==> flow/design.v <==
module my_selector_p #(
    parameter int DW = 24,
    parameter int NIN = 12
) (
    input  logic CLK,
    input  logic [NIN*DW-1:0] val_i,
    input  logic [NIN-1:0] pick_i,
    output logic [DW-1:0] y_o
);
    logic [NIN*DW-1:0] val_ff;
    always_ff @(posedge CLK) begin
        val_ff <= val_i;
    end
    logic [NIN-1:0] pick_ff;
    always_ff @(posedge CLK) begin
        pick_ff <= pick_i;
    end
    logic [DW-1:0] tmp;
    always_comb begin
        tmp = '0;
        for (int k = 0; k < NIN; k++)
            tmp = tmp | (val_ff[k*DW +: DW] & {DW{pick_ff[k]}});
    end
    always_ff @(posedge CLK) begin
        y_o <= tmp;
    end
endmodule
## Reports on my_selector_p

Tool output for the design above, in the order of the flow.
Lines are those of the file above, counted from 1.
Library cell names are shortened.
A cell with n/a has no value.

| design | value |
|---|---|
| design top | my_selector_p |
| clock | CLK |
| standard-cell library | sky130hd |
| corner | tt_025C_1v80 |

## Elaborated design

Source: Yosys, flattened and elaborated, memories not mapped. Widths are those after wreduce; folded enables and synchronous resets count as part of the registers. Registers that Yosys merges into a memory's read port (data or address) are not register bits. Print and check cells do not count. Equal cells are merged and count once.

| word-level totals | value |
|---|---|
| register bits after elaboration | 324 |
| input port bits | 301 |
| cells after elaboration | 26 |

| operators by class | value |
|---|---|
| bitwise operators | 23 |

Operator list:

| kind | count |
|---|---|
| 24-bit bitwise AND | 12 |
| 24-bit bitwise OR | 11 |

## Logic depth

Yosys ltp: most cells in a row. Word level: on the elaborated netlist, between registers, memories and ports. Mapped: between sequential cells and ports; inverters and the memories' decode and read muxes count.

| logic depth | value |
|---|---|
| word-level depth | 12 |
| ABC_AREA | 0 |
| gate-level depth with buffers | 4 |
| gate-level depth less buffers | 3 |

## Synthesis result

Yosys stat after the flow's synthesis: flattened, memories mapped to cells. It holds for the ABC_AREA given above (unset counts as 0); a run with the other value may have another netlist.

| synthesis totals | value |
|---|---|
| cells in the netlist | 516 |
| chip area (Yosys) | 8187.9 µm² |
| area of sequential cells | 6486.2 µm² |
| flip-flop cells | 324 |
| buffer cells | 24 |

Cells by type:

| type | count | total area (µm²) |
|---|---|---|
| dfxtp_1 | 324 | 6.49E+03 |
| a22o_1 | 63 | 551.779 |
| a221oi_1 | 61 | 534.262 |
| buf_6 | 16 | 180.173 |
| a221oi_2 | 11 | 165.158 |
| nand3_1 | 24 | 120.115 |
| a22o_2 | 9 | 90.086 |
| clkbuf_8 | 2 | 27.526 |
| buf_2 | 5 | 25.024 |
| buf_4 | 1 | 7.507 |

## Path before layout

OpenSTA on the mapped netlist: ideal clock, no wires. The path of least setup slack (recovery checks aside). Input and output delay are each 20% of the period. Register names are those of the netlist, which keeps one name where synthesis merged equal registers.

| timing after synthesis | value |
|---|---|
| path kind | reg-to-reg |
| start point | reg pick_ff[3] |
| end point | reg y_o[6] |
| period | 1360 ps |
| library setup time | 132 ps |
| time at the first pin | 0 ps |
| arrival time | 959 ps |
| path slack | 269 ps |
| path delay | 1091 ps |
| stages on the path | 5 |
| path buffers | 1 |
| synthesis period reached | 1091 ps |

"path delay" is the arrival time less input delay plus setup time.
"stages on the path" counts driving pins, that of a launching flip-flop among them; a cell with two outputs on the path counts twice.
"synthesis period reached" is the clock period less the worst setup slack; recovery checks do not enter. This is arithmetic on one report: input and output delays are still those of the set period (20% each).
The rows between start and end are the longest chain of elaborated cells between them; the timing report does not say that the signal goes this way. Where chains are equally long, one stands for them.
A line is the first line of the expression or statement that the cell stems from. Yosys adds cells for indexed reads and writes and turns some case tables into memories.

| between the ends, after synthesis | value |
|---|---|
| cell sequence | dfxtp_1 buf_6 a22o_1 a221oi_1 nand3_1 |
| cells in the longest elaborated chain | 10 |
| elaborated cells on any way between the ends | 10 |
| RTL lines with such cells | 1 |
| classes of those cells | 10 x logic |

RTL lines, path after synthesis:

| item | line | source |
|---|---|---|
| from (decl) | 14 | `logic [NIN-1:0] pick_ff;` |
| from (assign) | 16 | `pick_ff <= pick_i;` |
| 24-bit bitwise AND | 22 | `tmp = tmp \| (val_ff[k*DW +: DW] & {DW{pick_ff[k]}});` |
| 24-bit bitwise OR (9 in a row) | 22 |  |
| to (assign) | 25 | `y_o <= tmp;` |
| to (decl) | 8 | `output logic [DW-1:0] y_o` |

## Path in the finished layout

Path of least setup slack in the final report of flow run 1 (OpenROAD, finished layout, wires in). Where an end is a register, its clock arrival counts in the times.
The report prints the path's times to 10 ps; the period is as set.

| timing after layout | value |
|---|---|
| path kind | reg-to-reg |
| start point | reg pick_ff[5] |
| end point | reg y_o[18] |
| period | 771 ps |
| library setup time | 130 ps |
| time at the first pin | 510 ps |
| arrival time | 1720 ps |
| path slack | -580 ps |
| stages on the path | 5 |
| path buffers | 1 |

The rows between start and end are the longest chain of elaborated cells between them; the timing report does not say that the signal goes this way. Where chains are equally long, one stands for them.

| between the ends, after layout | value |
|---|---|
| cell sequence | dfxtp_4 buf_12 a22o_4 a221oi_4 nand3_1 |
| cells in the longest elaborated chain | 8 |
| elaborated cells on any way between the ends | 8 |
| RTL lines with such cells | 1 |
| classes of those cells | 8 x logic |

RTL lines, path after layout:

| item | line | source |
|---|---|---|
| from (decl) | 14 | `logic [NIN-1:0] pick_ff;` |
| from (assign) | 16 | `pick_ff <= pick_i;` |
| 24-bit bitwise AND | 22 | `tmp = tmp \| (val_ff[k*DW +: DW] & {DW{pick_ff[k]}});` |
| 24-bit bitwise OR (7 in a row) | 22 |  |
| to (assign) | 25 | `y_o <= tmp;` |
| to (decl) | 8 | `output logic [DW-1:0] y_o` |

Module my_selector_p, platform sky130hd: 3 stored runs of the flow (Yosys, OpenROAD) with differing settings, in no particular order. Input and output delays are each 20% of the period that was set; the output load is 0.01 pF.
"achieved period" is the run's clock period less its worst setup slack. It is reckoned from that one timing run; input and output delays stay at 20% of the period that was set.
"allowed time less slack (worst setup path)" means the part of the period allowed to the worst setup path (the constraints hold back 20% at inputs and 20% at outputs) less its slack; where the path has registers, the arrival times of their clocks count too.
By "overall power" is meant OpenSTA's value without simulated activity: inputs other than the clock are taken to toggle once in ten clock periods, and the tool carries that through the logic.
"allowed time less slack (worst setup path)" is given in steps of 10 ps.

## Flow run 1

==> flow/run.sh <==
#!/bin/bash
# the make line also repeats the synthesis and layout settings of config.mk as NAME=value (left out here)
make -C /OpenROAD-flow-scripts/flow DESIGN_CONFIG=/design/flow/config.mk WORK_HOME=/design/flow/orfs CLKGATE_MAP_FILE= finish
==> flow/config.mk <==
export PLATFORM = sky130hd
export DESIGN_NAME = my_selector_p
export DESIGN_NICKNAME = my_selector_p
export VERILOG_FILES = /design/flow/design.v
export SDC_FILE = /design/flow/constraint.sdc
export NUM_CORES = 4
export LEC_CHECK = 0
export CAP_MARGIN = 25
export CELL_PAD_IN_SITES_DETAIL_PLACEMENT = 2
export CELL_PAD_IN_SITES_GLOBAL_PLACEMENT = 0
export CORE_ASPECT_RATIO = 1.13
export CORE_MARGIN = 2
export CORE_UTILIZATION = 26
export GPL_TIMING_DRIVEN = 0
export HOLD_SLACK_MARGIN = 0.04
export MIN_ROUTING_LAYER = met2
export PLACE_DENSITY_LB_ADDON = 0.28
export SETUP_SLACK_MARGIN = 0.12
export SLEW_MARGIN = 20
export TNS_END_PERCENT = 70
==> flow/constraint.sdc <==
create_clock -name core_clock -period 0.771 [get_ports {CLK}]
set_input_delay 0.1542 -clock core_clock [delete_from_list [all_inputs] [get_ports {CLK}]]
set_output_delay 0.1542 -clock core_clock [all_outputs]
set_load 0.01 [all_outputs]

| result of flow run 1 | value |
|---|---|
| total die area | 32929.9 µm² |
| standard-cell area of the final layout | 13935.9 µm² |
| achieved period | 1350 ps |
| allowed time less slack (worst setup path) | 1350 ps |
| critical path type | reg-to-reg |
| chip area in the Yosys report | 8187.9 µm² |
| overall power | 38.254 mW |
| worst hold slack after layout | 67 ps |
| worst setup slack after layout | -579 ps |

## Flow run 2

==> flow/run.sh <==
#!/bin/bash
# the make line also repeats the synthesis and layout settings of config.mk as NAME=value (left out here)
make -C /OpenROAD-flow-scripts/flow DESIGN_CONFIG=/design/flow/config.mk WORK_HOME=/design/flow/orfs CLKGATE_MAP_FILE= finish
==> flow/config.mk <==
export PLATFORM = sky130hd
export DESIGN_NAME = my_selector_p
export DESIGN_NICKNAME = my_selector_p
export VERILOG_FILES = /design/flow/design.v
export SDC_FILE = /design/flow/constraint.sdc
export NUM_CORES = 4
export LEC_CHECK = 0
export CAP_MARGIN = 20
export CORE_MARGIN = 2
export CORE_UTILIZATION = 29
export CTS_CLUSTER_DIAMETER = 194
export CTS_CLUSTER_SIZE = 50
export GPL_TIMING_DRIVEN = 0
export MIN_ROUTING_LAYER = met2
export SETUP_SLACK_MARGIN = 0.38
export SLEW_MARGIN = 20
export TNS_END_PERCENT = 95
==> flow/constraint.sdc <==
create_clock -name core_clock -period 1.38 [get_ports {CLK}]
set_input_delay 0.2760 -clock core_clock [delete_from_list [all_inputs] [get_ports {CLK}]]
set_output_delay 0.2760 -clock core_clock [all_outputs]
set_load 0.01 [all_outputs]

| result of flow run 2 | value |
|---|---|
| total die area | 29594.3 µm² |
| standard-cell area of the final layout | 12937.4 µm² |
| achieved period | 1275 ps |
| allowed time less slack (worst setup path) | 1000 ps |
| critical path type | reg-to-output |
| chip area in the Yosys report | 8187.9 µm² |
| overall power | 16.162 mW |
| worst hold slack after layout | 162 ps |
| worst setup slack after layout | 105 ps |

## Flow run 3

==> flow/run.sh <==
#!/bin/bash
# the make line also repeats the synthesis and layout settings of config.mk as NAME=value (left out here)
make -C /OpenROAD-flow-scripts/flow DESIGN_CONFIG=/design/flow/config.mk WORK_HOME=/design/flow/orfs CLKGATE_MAP_FILE= finish
==> flow/config.mk <==
export PLATFORM = sky130hd
export DESIGN_NAME = my_selector_p
export DESIGN_NICKNAME = my_selector_p
export VERILOG_FILES = /design/flow/design.v
export SDC_FILE = /design/flow/constraint.sdc
export NUM_CORES = 4
export LEC_CHECK = 0
export CAP_MARGIN = 20
export CORE_MARGIN = 2
export CORE_UTILIZATION = 40
export SLEW_MARGIN = 20
==> flow/constraint.sdc <==
create_clock -name core_clock -period 1.36 [get_ports {CLK}]
set_input_delay 0.2720 -clock core_clock [delete_from_list [all_inputs] [get_ports {CLK}]]
set_output_delay 0.2720 -clock core_clock [all_outputs]
set_load 0.01 [all_outputs]

| result of flow run 3 | value |
|---|---|
| total die area | 21629.6 µm² |
| standard-cell area of the final layout | 12776.0 µm² |
| achieved period | 1301 ps |
| allowed time less slack (worst setup path) | 1030 ps |
| critical path type | reg-to-output |
| chip area in the Yosys report | 8187.9 µm² |
| overall power | 20.552 mW |
| worst hold slack after layout | 162 ps |
| worst setup slack after layout | 59 ps |
